==> flow/design.v <==
module dp_mult_top #(
  parameter XLEN = 24,
  parameter GB = 8
) (
  input wire ck,
  input wire valid,
  input wire [XLEN-1:0] in_arg0,
  input wire [XLEN-1:0] in_arg1,
  input wire in_start,
  output wire [2*XLEN+GB-1:0] out_mul
);
  reg [XLEN-1:0] arg0_reg;
  reg [XLEN-1:0] arg1_reg;
  reg start_reg;
  reg [2*XLEN-1:0] nxt_reg;
  reg start_reg_d;
  reg [2*XLEN+GB-1:0] accum;
  always @(posedge ck) begin
    if (valid) begin
      arg0_reg <= in_arg0;
      arg1_reg <= in_arg1;
      start_reg <= in_start;
      nxt_reg <= arg0_reg * arg1_reg;
      start_reg_d <= start_reg;
      accum <= start_reg_d ? nxt_reg : accum + nxt_reg;
    end
  end
  assign out_mul = accum;
endmodule
======== From RTL to reports: dp_mult_top ========
Tool output for the design above, in the order of the flow.
Line numbers count from 1 in the design file above.
Operators carry their Yosys type and port widths (W data, S select, Z words).
The mark -- stands for no value.
design
  top module .............................. dp_mult_top
  clock ................................... ck
  cell library ............................ sky130hd
  timing corner ........................... tt_025C_1v80

======== After elaboration ========
Counts by Yosys on the flattened word-level netlist (proc, flatten, opt, wreduce; memories kept). Register bits leave out memories and registers merged into their read ports (data or address); mux counts leave out enables and synchronous resets folded into registers. Print and check cells are left out. Cells with the same type and inputs are merged into one.
word-level totals
  bits in registers ....................... 154
  input bits .............................. 51
cells by class
  mux-type cells .......................... 1
  add/sub/neg operators ................... 1
  $mul .................................... 1
operators by type and width
  operator          count
  $mul A24 B24 Y48  1
  $add A56 B48 Y56  1
  $mux W48          1

======== Longest topological paths ========
Depth = most cells in a row (Yosys ltp): at word level without a register or memory, in the mapped netlist without a sequential cell, where the memories' decode and read muxes count.
depth
  word-level depth ........................ 2
  ABC_AREA ................................ 0
  gate-level depth with buffers ........... 27
  depth with buffers taken out ............ 25

======== Mapped cells and area ========
Source: synth_stat.txt of the flow (Yosys; design flattened, memories mapped). It holds for the ABC_AREA given above (unset counts as 0); a run with the other value may have another netlist.
The area totals of this step are shown rounded.
mapped netlist
  standard cells after synthesis .......... 2862
  cell area after synthesis ............... 26900 um^2
  sequential area ......................... 4620 um^2
  mapped flip-flops ....................... 154
  buffers ................................. 137
cell types
  cell type                  count  total area (um^2)
  sky130_fd_sc_hd__fa_1      483    9.67E+03
  sky130_fd_sc_hd__edfxtp_1  154    4.62E+03
  sky130_fd_sc_hd__ha_1      222    2.78E+03
  sky130_fd_sc_hd__inv_1     572    2.15E+03
  sky130_fd_sc_hd__and2_1    292    1.83E+03
  sky130_fd_sc_hd__nand2_1   407    1.53E+03
  sky130_fd_sc_hd__a21oi_1   102    510.49
  sky130_fd_sc_hd__xnor2_1   58     507.987
  sky130_fd_sc_hd__clkbuf_1  133    499.229
  sky130_fd_sc_hd__o21ai_0   83     415.398
  sky130_fd_sc_hd__a21o_1    46     345.331
  sky130_fd_sc_hd__xor2_1    31     271.51
  sky130_fd_sc_hd__nor2_1    46     172.666
  sky130_fd_sc_hd__nand3_1   33     165.158
  sky130_fd_sc_hd__o21bai_1  20     150.144
  sky130_fd_sc_hd__nand4_1   18     112.608
  sky130_fd_sc_hd__o21ai_1   17     85.082
  sky130_fd_sc_hd__and3_1    11     68.816
Not listed: further types 48, cells in them 134.

======== Path before layout ========
Source: OpenSTA report_checks on the synthesized netlist (no wires, ideal clock, input and output delay 20% of the period each), path of least setup slack; recovery checks are left aside. Register names are those of the netlist, which keeps one name where synthesis merged equal registers.
timing path post-synthesis
  kind .................................... register to register
  start ................................... register arg1_reg[3]
  end ..................................... register nxt_reg[45]
  path buffers ............................ 2
  path delay .............................. 6.903 ns
  driving pins on the path ................ 28
  data arrival time ....................... 6.637 ns
  period .................................. 8.63 ns
  required time ........................... 8.364 ns
  launch time at the first pin ............ 0.000 ns
  setup slack ............................. 1.727 ns
  synthesis period reached ................ 6.903 ns
"path delay" = arrival - input delay + setup time.
"driving pins on the path": output pins that drive a net of the path, with the launching flip-flop's if there is one; two outputs of one cell count as two.
"synthesis period reached" is the clock period less the worst setup slack; recovery checks do not enter. This is arithmetic on one report: input and output delays are still those of the set period (20% each).
Between the ends stands the longest chain of elaborated cells between them, by number of cells; it is not shown to be the way that was timed. Of several equally long chains one is given.
A line is the first line of the expression or statement that the cell stems from. Yosys adds cells for indexed reads and writes and turns some case tables into memories.
on the way, post-synthesis
  cell sequence ........................... sky130_fd_sc_hd__edfxtp_1 -> sky130_fd_sc_hd__clkbuf_1 -> sky130_fd_sc_hd__nand2_1 -> sky130_fd_sc_hd__fa_1 -> sky130_fd_sc_hd__inv_1 -> sky130_fd_sc_hd__fa_1 -> sky130_fd_sc_hd__inv_1 -> sky130_fd_sc_hd__fa_1 -> sky130_fd_sc_hd__inv_1 -> sky130_fd_sc_hd__fa_1 -> sky130_fd_sc_hd__inv_1 -> sky130_fd_sc_hd__fa_1 -> sky130_fd_sc_hd__inv_1 -> sky130_fd_sc_hd__fa_1 -> sky130_fd_sc_hd__inv_1 -> sky130_fd_sc_hd__fa_1 -> sky130_fd_sc_hd__inv_1 -> sky130_fd_sc_hd__ha_1 -> sky130_fd_sc_hd__buf_2 -> sky130_fd_sc_hd__a21oi_1 -> sky130_fd_sc_hd__a211oi_1 -> sky130_fd_sc_hd__nand2b_1 -> sky130_fd_sc_hd__a31o_1 -> sky130_fd_sc_hd__a221oi_1 -> sky130_fd_sc_hd__o221ai_1 -> sky130_fd_sc_hd__or2_1 -> sky130_fd_sc_hd__o221ai_1 -> sky130_fd_sc_hd__xor2_1
  length of the longest elaborated chain .. 1
  elaborated cells on any way between the ends .. 1
  those cells by class .................... mul (1)
ends and longest elaborated chain, post-synthesis
  item                RTL line  text
  start: declaration  13        reg [XLEN-1:0] arg1_reg;
  start: assignment   21        arg1_reg <= in_arg1;
  $mul A24 B24 Y48    23        nxt_reg <= arg0_reg * arg1_reg;
  end: assignment     23
  end: declaration    15        reg [2*XLEN-1:0] nxt_reg;

======== Timing after layout ========
Path of least setup slack in the final report of stored run 1 (OpenROAD, finished layout, wires in). Where an end is a register, its clock arrival counts in the times.
timing path post-layout
  kind .................................... register to register
  start ................................... register arg1_reg[0]
  end ..................................... register nxt_reg[42]
  setup slack ............................. -2.17 ns
  period .................................. 5.16 ns
  data arrival time ....................... 7.63 ns
  driving pins on the path ................ 25
  required time ........................... 5.46 ns
  launch time at the first pin ............ 0.56 ns
  path buffers ............................ 2
Between the ends stands the longest chain of elaborated cells between them, by number of cells; it is not shown to be the way that was timed. Of several equally long chains one is given.
on the way, post-layout
  cell sequence ........................... sky130_fd_sc_hd__edfxtp_1 -> sky130_fd_sc_hd__buf_6 -> sky130_fd_sc_hd__clkbuf_16 -> sky130_fd_sc_hd__and2_4 -> sky130_fd_sc_hd__fa_1 -> sky130_fd_sc_hd__fa_1 -> sky130_fd_sc_hd__inv_2 -> sky130_fd_sc_hd__fa_1 -> sky130_fd_sc_hd__inv_2 -> sky130_fd_sc_hd__fa_2 -> sky130_fd_sc_hd__ha_4 -> sky130_fd_sc_hd__fa_1 -> sky130_fd_sc_hd__inv_2 -> sky130_fd_sc_hd__fa_1 -> sky130_fd_sc_hd__inv_2 -> sky130_fd_sc_hd__ha_4 -> sky130_fd_sc_hd__a21oi_4 -> sky130_fd_sc_hd__o211ai_1 -> sky130_fd_sc_hd__a221o_2 -> sky130_fd_sc_hd__a2111o_1 -> sky130_fd_sc_hd__nand3_2 -> sky130_fd_sc_hd__and3_4 -> sky130_fd_sc_hd__o21a_4 -> sky130_fd_sc_hd__o21ai_4 -> sky130_fd_sc_hd__xnor2_2
  length of the longest elaborated chain .. 1
  elaborated cells on any way between the ends .. 1
  those cells by class .................... mul (1)
ends and longest elaborated chain, post-layout
  item                RTL line  text
  start: declaration  13        reg [XLEN-1:0] arg1_reg;
  start: assignment   21        arg1_reg <= in_arg1;
  $mul A24 B24 Y48    23        nxt_reg <= arg0_reg * arg1_reg;
  end: assignment     23
  end: declaration    15        reg [2*XLEN-1:0] nxt_reg;

Appendix: measured runs

Module dp_mult_top, platform sky130hd: 3 stored runs of the flow (Yosys, OpenROAD) with differing settings, in no particular order. Input and output delays are each 20% of the period that was set; the output load is 0.01 pF.
"reached clock period": clock period set for the run, less the worst setup slack. It is reckoned from that one timing run; input and output delays stay at 20% of the period that was set.
"time on the worst setup path" = time allowed to the worst setup path (clock period - input delay - output delay, where it has them) - its slack; a late launch clock adds to it, a late capture clock takes from it.
Results are given in rounded form.

---- stored run 1 ----
settings
  period_ns = 5.16
  CORE_UTILIZATION = 27
  SETUP_SLACK_MARGIN = -0.06
  PLACE_DENSITY_LB_ADDON = 0.07
  HOLD_SLACK_MARGIN = 0.1
  CORE_ASPECT_RATIO = 1.59
  CELL_PAD_IN_SITES_GLOBAL_PLACEMENT = 1
  CELL_PAD_IN_SITES_DETAIL_PLACEMENT = 0
  GPL_TIMING_DRIVEN = 0
  CTS_CLUSTER_DIAMETER = 388
  CAP_MARGIN = 10
  SLEW_MARGIN = 15
  MIN_ROUTING_LAYER = met2
  MAX_ROUTING_LAYER = met4
  CORE_MARGIN = 2
results
  post-route utilization .................. 33.3%
  full die area ........................... 102000 um^2
  setup slack of the worst path ........... -2.17 ns
  reached clock period .................... 7.335 ns
  standard-cell area of the final layout .. 33000 um^2
  summed negative setup slack ............. -60.5 ns
  worst hold slack in the final report .... 0.431 ns
  area of the synthesized netlist ......... 26900 um^2
  time on the worst setup path ............ 7.33 ns
  worst path kind ......................... register to register

---- stored run 2 ----
settings
  period_ns = 5.89
  CORE_UTILIZATION = 15
  SETUP_SLACK_MARGIN = 1.27
  PLACE_DENSITY = 0.37
  CORE_MARGIN = 10
  TNS_END_PERCENT = 40
  CTS_CLUSTER_SIZE = 51
  SLEW_MARGIN = 30
  CAP_MARGIN = 20
results
  post-route utilization .................. 19.7%
  full die area ........................... 197000 um^2
  setup slack of the worst path ........... -0.914 ns
  reached clock period .................... 6.804 ns
  standard-cell area of the final layout .. 35100 um^2
  summed negative setup slack ............. -16.8 ns
  worst hold slack in the final report .... 0.407 ns
  area of the synthesized netlist ......... 26900 um^2
  time on the worst setup path ............ 6.80 ns
  worst path kind ......................... register to register

---- stored run 3 ----
settings
  period_ns = 8.63
  CAP_MARGIN = 20
  CORE_MARGIN = 2
  CORE_UTILIZATION = 40
  SLEW_MARGIN = 20
results
  post-route utilization .................. 44.2%
  full die area ........................... 69400 um^2
  setup slack of the worst path ........... 0.929 ns
  reached clock period .................... 7.701 ns
  standard-cell area of the final layout .. 29600 um^2
  summed negative setup slack ............. 0.000 ns
  worst hold slack in the final report .... 0.423 ns
  area of the synthesized netlist ......... 26900 um^2
  time on the worst setup path ............ 7.70 ns
  worst path kind ......................... register to register
